==> flow/design.v <==
module alu_registers_rtl #(
  parameter D = 48,
  parameter WIDTH = 6,
  parameter ADDR_WIDTH = $clog2(D)
) (
  input wire CLK,
  input wire i_rst_n,
  input wire in_wr,
  input wire [ADDR_WIDTH-1:0] in_wsel,
  input wire [WIDTH-1:0] in_write_data,
  input wire [ADDR_WIDTH-1:0] in_raddr_a,
  input wire [ADDR_WIDTH-1:0] in_raddr_b,
  output wire [WIDTH-1:0] out_read_data_a,
  output wire [WIDTH-1:0] out_read_data_b
);
  reg wr_s;
  reg [ADDR_WIDTH-1:0] wsel_s;
  reg [WIDTH-1:0] write_data_s;
  always @(posedge CLK or negedge i_rst_n) begin
    if (!i_rst_n) begin
      wr_s <= 1'b0;
      wsel_s <= 0;
      write_data_s <= 0;
    end else begin
      wr_s <= in_wr;
      wsel_s <= in_wsel;
      write_data_s <= in_write_data;
    end
  end
  reg [WIDTH-1:0] ram [0:D-1];
  always @(posedge CLK) begin
    if (wr_s && wsel_s != 0)
      ram[wsel_s] <= write_data_s;
  end
  reg [ADDR_WIDTH-1:0] raddr_a_s;
  reg [ADDR_WIDTH-1:0] raddr_b_s;
  reg [WIDTH-1:0] read_data_a_s;
  always @(posedge CLK or negedge i_rst_n) begin
    if (!i_rst_n) begin
      raddr_a_s <= 0;
      raddr_b_s <= 0;
      read_data_a_s <= 0;
    end else begin
      raddr_a_s <= in_raddr_a;
      raddr_b_s <= in_raddr_b;
      read_data_a_s <= (raddr_a_s == 0) ? {WIDTH{1'b0}} : ram[raddr_a_s];
    end
  end
  assign out_read_data_a = read_data_a_s;
  reg [WIDTH-1:0] read_data_b_s;
  always @(posedge CLK or negedge i_rst_n) begin
    if (!i_rst_n) begin
      read_data_b_s <= 0;
    end else begin
      read_data_b_s <= (raddr_b_s == 0) ? {WIDTH{1'b0}} : ram[raddr_b_s];
    end
  end
  assign out_read_data_b = read_data_b_s;
endmodule
### From RTL to reports: alu_registers_rtl

The steps from the RTL of alu_registers_rtl to its reports follow in flow order.
Lines are those of the file above, counted from 1.
Cell names lack the library's common part.
A cell with - has no value.

* top module: alu_registers_rtl
* clock port: CLK
* standard-cell library: sky130hd
* corner: tt_025C_1v80

### After elaboration

Source: Yosys, flattened and elaborated, memories not mapped. Widths are those after wreduce; folded enables and synchronous resets count as part of the registers. Registers that Yosys merges into a memory's read port (data or address) are not register bits. Print and check cells do not count. Equal cells are merged and count once.
Memory sizes are those after Yosys's memory passes, which may raise the word count (mostly to a power of two), join words into wider ones and drop unused or constant bits.

* bits of input ports: 27
* output and inout port bits: 12
* bits in registers: 37
* elaborated cells: 17
* memory bits (writable): 288
* memories: 1

* muxes and demuxes: 5
* reduce/logical cells: 4

Memory list
* ram: depth 48, bits a word 6, read ports 2, write ports 1, line 30 `reg [WIDTH-1:0] ram [0:D-1];`

Operator list (number)
* 2-to-1 mux 6 bit: 4
* zero test 6 bit: 2
* nonzero test 6 bit: 1
* logical AND 1 bit: 1
* 2-to-1 mux 1 bit: 1

### Logic depth

Yosys ltp: most cells in a row. Word level: on the elaborated netlist, between registers, memories and ports. Mapped: between sequential cells and ports; inverters and the memories' decode and read muxes count.

* depth after elaboration: 3
* ABC_AREA: 0
* gate-level depth with buffers: 8
* depth with buffers taken out: 5

### Mapped cells and area

The flow's flattened synthesis, as Yosys stat reports it; memories are mapped. The netlist is that of the ABC_AREA named above (0 if unset); the other value can give another one.
The area totals of this step are shown rounded.

Cells by type
* edfxtp_1: number 288, area in all 8.65E+03 um2
* mux4_2: number 133, area in all 3E+03 um2
* dfrtp_1: number 37, area in all 925.888 um2
* mux2i_1: number 49, area in all 490.47 um2
* nor2_1: number 88, area in all 330.317 um2
* mux4_1: number 6, area in all 157.651 um2
* buf_2: number 20, area in all 100.096 um2
* buf_4: number 11, area in all 82.579 um2
* nand2_1: number 22, area in all 82.579 um2
* a22oi_1: number 10, area in all 75.072 um2
* a31oi_1: number 10, area in all 62.56 um2
* a22o_1: number 7, area in all 61.309 um2
* o21ai_0: number 12, area in all 60.058 um2
* a221oi_1: number 6, area in all 52.55 um2
* nor2b_1: number 8, area in all 50.048 um2
* buf_6: number 4, area in all 45.043 um2
* nand3_1: number 9, area in all 45.043 um2
* buf_12: number 2, area in all 40.038 um2

Other cell types: 29; their cells: 60.

* area of sequential cells: 9570 um2
* cell count: 782
* buffer cells: 47
* mapped area: 14700 um2
* flip-flop cells: 325

### Path before layout

Path of least setup slack by OpenSTA after synthesis, without wires, with an ideal clock, recovery checks aside; 20% of the period is set as input and as output delay. Where synthesis merged equal registers, the netlist keeps one of their names.

* path type: reg2reg
* start point: register raddr_b_s[0]
* end point: register read_data_b_s[5]
* arrival: 1.658 ns
* stages: 7
* launch time at the first pin: 0.000 ns
* slack: 0.455 ns
* required time: 2.113 ns
* period: 2.26 ns
* setup time: 0.147 ns
* path delay: 1.805 ns
* path buffers: 3
* period reached after synthesis: 1.805 ns

"path delay" is the arrival time less input delay plus setup time.
"stages" counts driving pins, that of a launching flip-flop among them; a cell with two outputs on the path counts twice.
"period reached after synthesis" = period - worst setup slack (recovery checks aside). The figure is calculated, with input and output delays left at 20% of the set period.
Between the ends stands the longest chain of elaborated cells between them, by number of cells; it is not shown to be the way that was timed. Of several equally long chains one is given.
A line is the first line of the expression or statement that the cell stems from. Yosys adds cells for indexed reads and writes and turns some case tables into memories.
A memory read counts as a cell of the chain, while the word-level depth stops at memories.

* cell sequence: dfrtp_1 > buf_6 > buf_12 > buf_2 > mux4_2 > a221oi_1 > a31oi_1
* length of the longest elaborated chain: 2
* elaborated cells on any way between the ends: 3
* RTL lines with such cells: 2
* classes of those cells: mux: 1; reduce/logical: 1; memory: 1

RTL lines, path post-synthesis
* from (decl): line 36 `reg [ADDR_WIDTH-1:0] raddr_b_s;`
* from (assign): line 41 `raddr_b_s <= 0;`
* from (assign): line 45 `raddr_b_s <= in_raddr_b;`
* memory (48 x 6 bit): line 30 `reg [WIDTH-1:0] ram [0:D-1];`
* 2-to-1 mux 6 bit: line 55 `read_data_b_s <= (raddr_b_s == 0) ? {WIDTH{1'b0}} : ram[raddr_b_s];`
* to (assign): line 53 `read_data_b_s <= 0;`
* to (assign): line 55
* to (decl): line 50 `reg [WIDTH-1:0] read_data_b_s;`

### Worst path after layout

Path of least setup slack in the final report of job 1 (OpenROAD, finished layout, wires in). Where an end is a register, its clock arrival counts in the times.

* path type: reg2reg
* start point: register raddr_b_s[0]
* end point: register read_data_b_s[1]
* stages: 7
* launch time at the first pin: 0.53 ns
* slack: -0.84 ns
* path buffers: 2
* period: 1.36 ns
* required time: 1.79 ns
* setup time: 0.10 ns
* arrival: 2.63 ns

Between the ends stands the longest chain of elaborated cells between them, by number of cells; it is not shown to be the way that was timed. Of several equally long chains one is given.
A memory read counts as a cell of the chain, while the word-level depth stops at memories.

* cell sequence: dfrtp_4 > buf_12 > buf_12 > mux4_2 > mux2i_2 > o22ai_2 > or3_1
* length of the longest elaborated chain: 2
* elaborated cells on any way between the ends: 3
* RTL lines with such cells: 2
* classes of those cells: mux: 1; reduce/logical: 1; memory: 1

RTL lines, path post-layout
* from (decl): line 36 `reg [ADDR_WIDTH-1:0] raddr_b_s;`
* from (assign): line 41 `raddr_b_s <= 0;`
* from (assign): line 45 `raddr_b_s <= in_raddr_b;`
* memory (48 x 6 bit): line 30 `reg [WIDTH-1:0] ram [0:D-1];`
* 2-to-1 mux 6 bit: line 55 `read_data_b_s <= (raddr_b_s == 0) ? {WIDTH{1'b0}} : ram[raddr_b_s];`
* to (assign): line 53 `read_data_b_s <= 0;`
* to (assign): line 55
* to (decl): line 50 `reg [WIDTH-1:0] read_data_b_s;`

--- measured runs ---
Below are 3 stored runs of the flow (Yosys, OpenROAD; platform sky130hd) on alu_registers_rtl, each with its settings and what was measured, unordered. Constraints: input delay and output delay 20% of the set period each, output load 0.01 pF.
"critical setup path time" is the time allowed to the run's worst setup path (the clock period less input and output delay, where it has them) less its slack. Clock arrival times count: a late capture clock shortens it, a late launch clock lengthens it.
"total power of the final layout" rests on the timing tool's default activity at the inputs, not on a simulated workload.
The results are shown rounded.

### Job 1

==> flow/run.sh <==
#!/bin/bash
# the make line also repeats the synthesis and layout settings of config.mk as NAME=value (left out here)
make -C /OpenROAD-flow-scripts/flow DESIGN_CONFIG=/design/flow/config.mk WORK_HOME=/design/flow/orfs CLKGATE_MAP_FILE= finish
==> flow/config.mk <==
export PLATFORM = sky130hd
export DESIGN_NAME = alu_registers_rtl
export DESIGN_NICKNAME = alu_registers_rtl
export VERILOG_FILES = /design/flow/design.v
export SDC_FILE = /design/flow/constraint.sdc
export NUM_CORES = 4
export LEC_CHECK = 0
export CAP_MARGIN = 20
export CELL_PAD_IN_SITES_DETAIL_PLACEMENT = 1
export CORE_MARGIN = 10
export CORE_UTILIZATION = 53
export CTS_CLUSTER_DIAMETER = 241
export CTS_CLUSTER_SIZE = 49
export PLACE_DENSITY = 0.51
export SETUP_SLACK_MARGIN = 0.08
export SLEW_MARGIN = 20
==> flow/constraint.sdc <==
create_clock -name core_clock -period 1.36 [get_ports {CLK}]
set_input_delay 0.2720 -clock core_clock [delete_from_list [all_inputs] [get_ports {CLK}]]
set_output_delay 0.2720 -clock core_clock [all_outputs]
set_load 0.01 [all_outputs]

Results of job 1:
- Utilization after routing: 69.2%
- Setup slack of the worst path: -0.844 ns
- Total power of the final layout: 18,200 µW
- Area of the synthesized netlist: 14,700 um2
- Die outline area: 34,800 um2
- Critical setup path time: 2.20 ns
- Type of the worst setup path: reg2reg

### Job 2

==> flow/run.sh <==
#!/bin/bash
# the make line also repeats the synthesis and layout settings of config.mk as NAME=value (left out here)
make -C /OpenROAD-flow-scripts/flow DESIGN_CONFIG=/design/flow/config.mk WORK_HOME=/design/flow/orfs CLKGATE_MAP_FILE= finish
==> flow/config.mk <==
export PLATFORM = sky130hd
export DESIGN_NAME = alu_registers_rtl
export DESIGN_NICKNAME = alu_registers_rtl
export VERILOG_FILES = /design/flow/design.v
export SDC_FILE = /design/flow/constraint.sdc
export NUM_CORES = 4
export LEC_CHECK = 0
export CAP_MARGIN = 20
export CORE_MARGIN = 2
export CORE_UTILIZATION = 40
export SLEW_MARGIN = 20
==> flow/constraint.sdc <==
create_clock -name core_clock -period 2.26 [get_ports {CLK}]
set_input_delay 0.4520 -clock core_clock [delete_from_list [all_inputs] [get_ports {CLK}]]
set_output_delay 0.4520 -clock core_clock [all_outputs]
set_load 0.01 [all_outputs]

Results of job 2:
- Utilization after routing: 48.6%
- Setup slack of the worst path: 0.062 ns
- Total power of the final layout: 13,700 µW
- Area of the synthesized netlist: 14,700 um2
- Die outline area: 38,300 um2
- Critical setup path time: 2.20 ns
- Type of the worst setup path: reg2reg

### Job 3

==> flow/run.sh <==
#!/bin/bash
# the make line also repeats the synthesis and layout settings of config.mk as NAME=value (left out here)
make -C /OpenROAD-flow-scripts/flow DESIGN_CONFIG=/design/flow/config.mk WORK_HOME=/design/flow/orfs CLKGATE_MAP_FILE= finish
==> flow/config.mk <==
export PLATFORM = sky130hd
export DESIGN_NAME = alu_registers_rtl
export DESIGN_NICKNAME = alu_registers_rtl
export VERILOG_FILES = /design/flow/design.v
export SDC_FILE = /design/flow/constraint.sdc
export NUM_CORES = 4
export LEC_CHECK = 0
export ABC_AREA = 1
export CAP_MARGIN = 20
export CORE_MARGIN = 2
export CORE_UTILIZATION = 18
export CTS_CLUSTER_DIAMETER = 367
export CTS_CLUSTER_SIZE = 72
export HOLD_SLACK_MARGIN = -0.1
export MIN_ROUTING_LAYER = met2
export PLACE_DENSITY_LB_ADDON = 0.13
export SLEW_MARGIN = 15
==> flow/constraint.sdc <==
create_clock -name core_clock -period 1.84 [get_ports {CLK}]
set_input_delay 0.3680 -clock core_clock [delete_from_list [all_inputs] [get_ports {CLK}]]
set_output_delay 0.3680 -clock core_clock [all_outputs]
set_load 0.01 [all_outputs]

Results of job 3:
- Utilization after routing: 25.9%
- Setup slack of the worst path: -0.179 ns
- Total power of the final layout: 14,900 µW
- Area of the synthesized netlist: 17,000 um2
- Die outline area: 97,000 um2
- Critical setup path time: 2.02 ns
- Type of the worst setup path: reg2reg
--- end ---
